==> flow/design.v <==
module dp_sel_unit_p #(
  parameter DATA_W = 3,
  parameter WAYS = 7,
  parameter LOGN = $clog2(WAYS)
) (
  input  wire clk_i,
  input  wire [WAYS*DATA_W-1:0] in_d,
  input  wire [LOGN-1:0] in_addr,
  output reg [DATA_W-1:0] out_res
);
  reg [WAYS*DATA_W-1:0] d_s;
  reg [LOGN-1:0] addr_s;
  always @(posedge clk_i) begin
    d_s <= in_d;
    addr_s <= in_addr;
  end
  wire [WAYS-1:0] hot = {{(WAYS-1){1'b0}}, 1'b1} << addr_s;
  reg [DATA_W-1:0] val;
  integer idx;
  always @* begin
    val = 0;
    for (idx = 0; idx < WAYS; idx = idx + 1)
      val = val | (d_s[idx*DATA_W +: DATA_W] & {DATA_W{hot[idx]}});
  end
  always @(posedge clk_i) begin
    out_res <= val;
  end
endmodule
# From RTL to reports: dp_sel_unit_p
# Tool output for the design above, in the order of the flow.
# Line numbers count from 1 in the design file above.
# Cell names lack the library's common part.
# The mark -- stands for no value.
# inputs
top	dp_sel_unit_p
clock	clk_i
library	sky130hd
pvt_corner	tt_025C_1v80

# Word level
# Counts by Yosys on the flattened word-level netlist (proc, flatten, opt, wreduce; memories kept). Register bits leave out memories and registers merged into their read ports (data or address); mux counts leave out enables and synchronous resets folded into registers. Print and check cells are left out. Cells with the same type and inputs are merged into one.
# word_totals
regBits	27
input_bits	25
out_inout_bits	3
wordCells	17
# op_classes
shift	1
bitwise	13
# ops
op	count
3-bit AND	7
3-bit bitwise OR	6
1-bit by 3-bit left shift with 7-bit output with constant A	1

# Logic depth
# Depth = most cells in a row (Yosys ltp): at word level without a register or memory, in the mapped netlist without a sequential cell, where the memories' decode and read muxes count.
# logic_depth
ltp_word	8
ABC_AREA	0
ltp_mapped	4
ltp_nobuf	3

# After synthesis
# Yosys stat after the flow's synthesis: flattened, memories mapped to cells. It holds for the ABC_AREA given above (unset counts as 0); a run with the other value may have another netlist.
# The area totals of this step are shown rounded.
# types
type	count	type_area_um2
dfxtp_1	27	540.518
mux2i_1	5	50.048
mux4_2	1	22.522
o221ai_1	2	17.517
o21a_1	2	15.014
and4bb_2	1	12.512
buf_6	1	11.261
buf_2	2	10.01
a211o_1	1	8.758
o2bb2ai_1	1	8.758
a211oi_1	1	7.507
or2b_1	1	7.507
a31oi_1	1	6.256
nor2b_1	1	6.256
a21oi_1	1	5.005
nand3_1	1	5.005
nor3_1	1	5.005
inv_1	1	3.754
nand2_1	1	3.754
# synth_totals
cells	52
yosys_area_um2	747.0
ff_cells	27
buffers	3

# Worst setup path after synthesis
# Path of least setup slack by OpenSTA after synthesis, without wires, with an ideal clock, recovery checks aside; 20% of the period is set as input and as output delay. Where synthesis merged equal registers, the netlist keeps one of their names.
# synth_timing
path_kind	register to register
from	register addr_s[1]
to	register out_res[0]
period_ps	1470
setup_time_ps	115
arrival_ps	1062
t_required_ps	1355
slack_ps	294
path_delay_ps	1177
stages	4
path_buffers	1
period_less_setup_slack_ps	1176
# "path_delay_ps" = arrival - input delay + setup time.
# "stages" counts driving pins, that of a launching flip-flop among them; a cell with two outputs on the path counts twice.
# "period_less_setup_slack_ps" is the clock period less the worst setup slack; recovery checks do not enter. This is arithmetic on one report: input and output delays are still those of the set period (20% each).
# The rows between start and end are the longest chain of elaborated cells between them; the timing report does not say that the signal goes this way. Where chains are equally long, one stands for them.
# A line is the first line of the expression or statement that the cell stems from. Yosys adds cells for indexed reads and writes and turns some case tables into memories.
# synth_between
path_cell_list	dfxtp_1 > buf_6 > mux4_2 > o21a_1
elab_chain_len	8
# synth_rtl
item	line_no	source
start, declared	12	reg [LOGN-1:0] addr_s;
start, assigned	15	addr_s <= in_addr;
1-bit by 3-bit left shift with 7-bit output	17	wire [WAYS-1:0] hot = {{(WAYS-1){1'b0}}, 1'b1} << addr_s;
3-bit AND	23	val = val | (d_s[idx*DATA_W +: DATA_W] & {DATA_W{hot[idx]}});
3-bit bitwise OR x6	23
end, assigned	26	out_res <= val;
end, declared	9	output reg [DATA_W-1:0] out_res

# Path in the finished layout
# Path of least setup slack in the final report of record 1 (OpenROAD, finished layout, wires in). Where an end is a register, its clock arrival counts in the times.
# The report prints the path's times to 10 ps; the period is as set.
# layout_timing
path_kind	register to output
from	register out_res[2]
to	output port out_res[2]
period_ps	1500
output_delay_ps	300
arrival_ps	1150
t_required_ps	1200
slack_ps	50
stages	2
path_buffers	1
# layout_between
path_cell_list	dfxtp_1 > clkdlybuf4s50_1
elab_chain_len	0
# layout_rtl
item	line_no	source
start, declared	9	output reg [DATA_W-1:0] out_res
start, assigned	26	out_res <= val;
end, declared	9

Appendix: measured runs

Record of 3 stored runs of the RTL-to-layout flow on dp_sel_unit_p, platform sky130hd. The runs are unordered. Constraints: input delay and output delay 20% of the set period each, output load 0.01 pF.
"period_less_ws_ps" is the run's clock period less its worst setup slack. It is reckoned from that one timing run; input and output delays stay at 20% of the period that was set.
"worst_path_allowed_less_slack_ps" means the part of the period allowed to the worst setup path (the constraints hold back 20% at inputs and 20% at outputs) less its slack; where the path has registers, the arrival times of their clocks count too.
"final_power_uw": no workload was simulated; the value follows from the tool's default switching activity.
"worst_path_allowed_less_slack_ps" is known to 10 ps.
Values from the reports are rounded here.

Record 1, flow files:
==> flow/run.sh <==
#!/bin/bash
# the make line also repeats the synthesis and layout settings of config.mk as NAME=value (left out here)
make -C /OpenROAD-flow-scripts/flow DESIGN_CONFIG=/design/flow/config.mk WORK_HOME=/design/flow/orfs CLKGATE_MAP_FILE= finish
==> flow/config.mk <==
export PLATFORM = sky130hd
export DESIGN_NAME = dp_sel_unit_p
export DESIGN_NICKNAME = dp_sel_unit_p
export VERILOG_FILES = /design/flow/design.v
export SDC_FILE = /design/flow/constraint.sdc
export NUM_CORES = 4
export LEC_CHECK = 0
export CAP_MARGIN = 20
export CORE_MARGIN = 2
export CORE_UTILIZATION = 44
export GPL_ROUTABILITY_DRIVEN = 0
export MAX_ROUTING_LAYER = met4
export MIN_ROUTING_LAYER = met1
export PLACE_DENSITY = 0.9
export SLEW_MARGIN = 25
==> flow/constraint.sdc <==
create_clock -name core_clock -period 1.5 [get_ports {clk_i}]
set_input_delay 0.3000 -clock core_clock [delete_from_list [all_inputs] [get_ports {clk_i}]]
set_output_delay 0.3000 -clock core_clock [all_outputs]
set_load 0.01 [all_outputs]

==> results of record 1, as CSV <==
result,value
stdcell_area_um2,1054
util_pct,68.3
worst_path_allowed_less_slack_ps,1150
critical_path_type,"register to output"
worst_setup_slack_ps,45
final_power_uw,1193
die_area_um2,2043
synthesis_area_um2,747.0
period_less_ws_ps,1455

Record 2, flow files:
==> flow/run.sh <==
#!/bin/bash
# the make line also repeats the synthesis and layout settings of config.mk as NAME=value (left out here)
make -C /OpenROAD-flow-scripts/flow DESIGN_CONFIG=/design/flow/config.mk WORK_HOME=/design/flow/orfs CLKGATE_MAP_FILE= finish
==> flow/config.mk <==
export PLATFORM = sky130hd
export DESIGN_NAME = dp_sel_unit_p
export DESIGN_NICKNAME = dp_sel_unit_p
export VERILOG_FILES = /design/flow/design.v
export SDC_FILE = /design/flow/constraint.sdc
export NUM_CORES = 4
export LEC_CHECK = 0
export CAP_MARGIN = 20
export CORE_MARGIN = 2
export CORE_UTILIZATION = 40
export SLEW_MARGIN = 20
==> flow/constraint.sdc <==
create_clock -name core_clock -period 1.47 [get_ports {clk_i}]
set_input_delay 0.2940 -clock core_clock [delete_from_list [all_inputs] [get_ports {clk_i}]]
set_output_delay 0.2940 -clock core_clock [all_outputs]
set_load 0.01 [all_outputs]

==> results of record 2, as CSV <==
result,value
stdcell_area_um2,1069
util_pct,61.2
worst_path_allowed_less_slack_ps,1260
critical_path_type,"register to register"
worst_setup_slack_ps,212
final_power_uw,1225
die_area_um2,2229
synthesis_area_um2,747.0
period_less_ws_ps,1258

Record 3, flow files:
==> flow/run.sh <==
#!/bin/bash
# the make line also repeats the synthesis and layout settings of config.mk as NAME=value (left out here)
make -C /OpenROAD-flow-scripts/flow DESIGN_CONFIG=/design/flow/config.mk WORK_HOME=/design/flow/orfs CLKGATE_MAP_FILE= finish
==> flow/config.mk <==
export PLATFORM = sky130hd
export DESIGN_NAME = dp_sel_unit_p
export DESIGN_NICKNAME = dp_sel_unit_p
export VERILOG_FILES = /design/flow/design.v
export SDC_FILE = /design/flow/constraint.sdc
export NUM_CORES = 4
export LEC_CHECK = 0
export ABC_AREA = 1
export CAP_MARGIN = 0
export CELL_PAD_IN_SITES_DETAIL_PLACEMENT = 2
export CELL_PAD_IN_SITES_GLOBAL_PLACEMENT = 1
export CORE_ASPECT_RATIO = 1.68
export CORE_MARGIN = 2
export CORE_UTILIZATION = 18
export CTS_CLUSTER_DIAMETER = 395
export GPL_TIMING_DRIVEN = 1
export MAX_ROUTING_LAYER = met5
export PLACE_DENSITY_LB_ADDON = 0.04
export SETUP_SLACK_MARGIN = 0.3
export SLEW_MARGIN = 20
==> flow/constraint.sdc <==
create_clock -name core_clock -period 1.56 [get_ports {clk_i}]
set_input_delay 0.3120 -clock core_clock [delete_from_list [all_inputs] [get_ports {clk_i}]]
set_output_delay 0.3120 -clock core_clock [all_outputs]
set_load 0.01 [all_outputs]

==> results of record 3, as CSV <==
result,value
stdcell_area_um2,1155
util_pct,26.8
worst_path_allowed_less_slack_ps,850
critical_path_type,"register to output"
worst_setup_slack_ps,400
final_power_uw,1261
die_area_um2,5009
synthesis_area_um2,799.5
period_less_ws_ps,1160
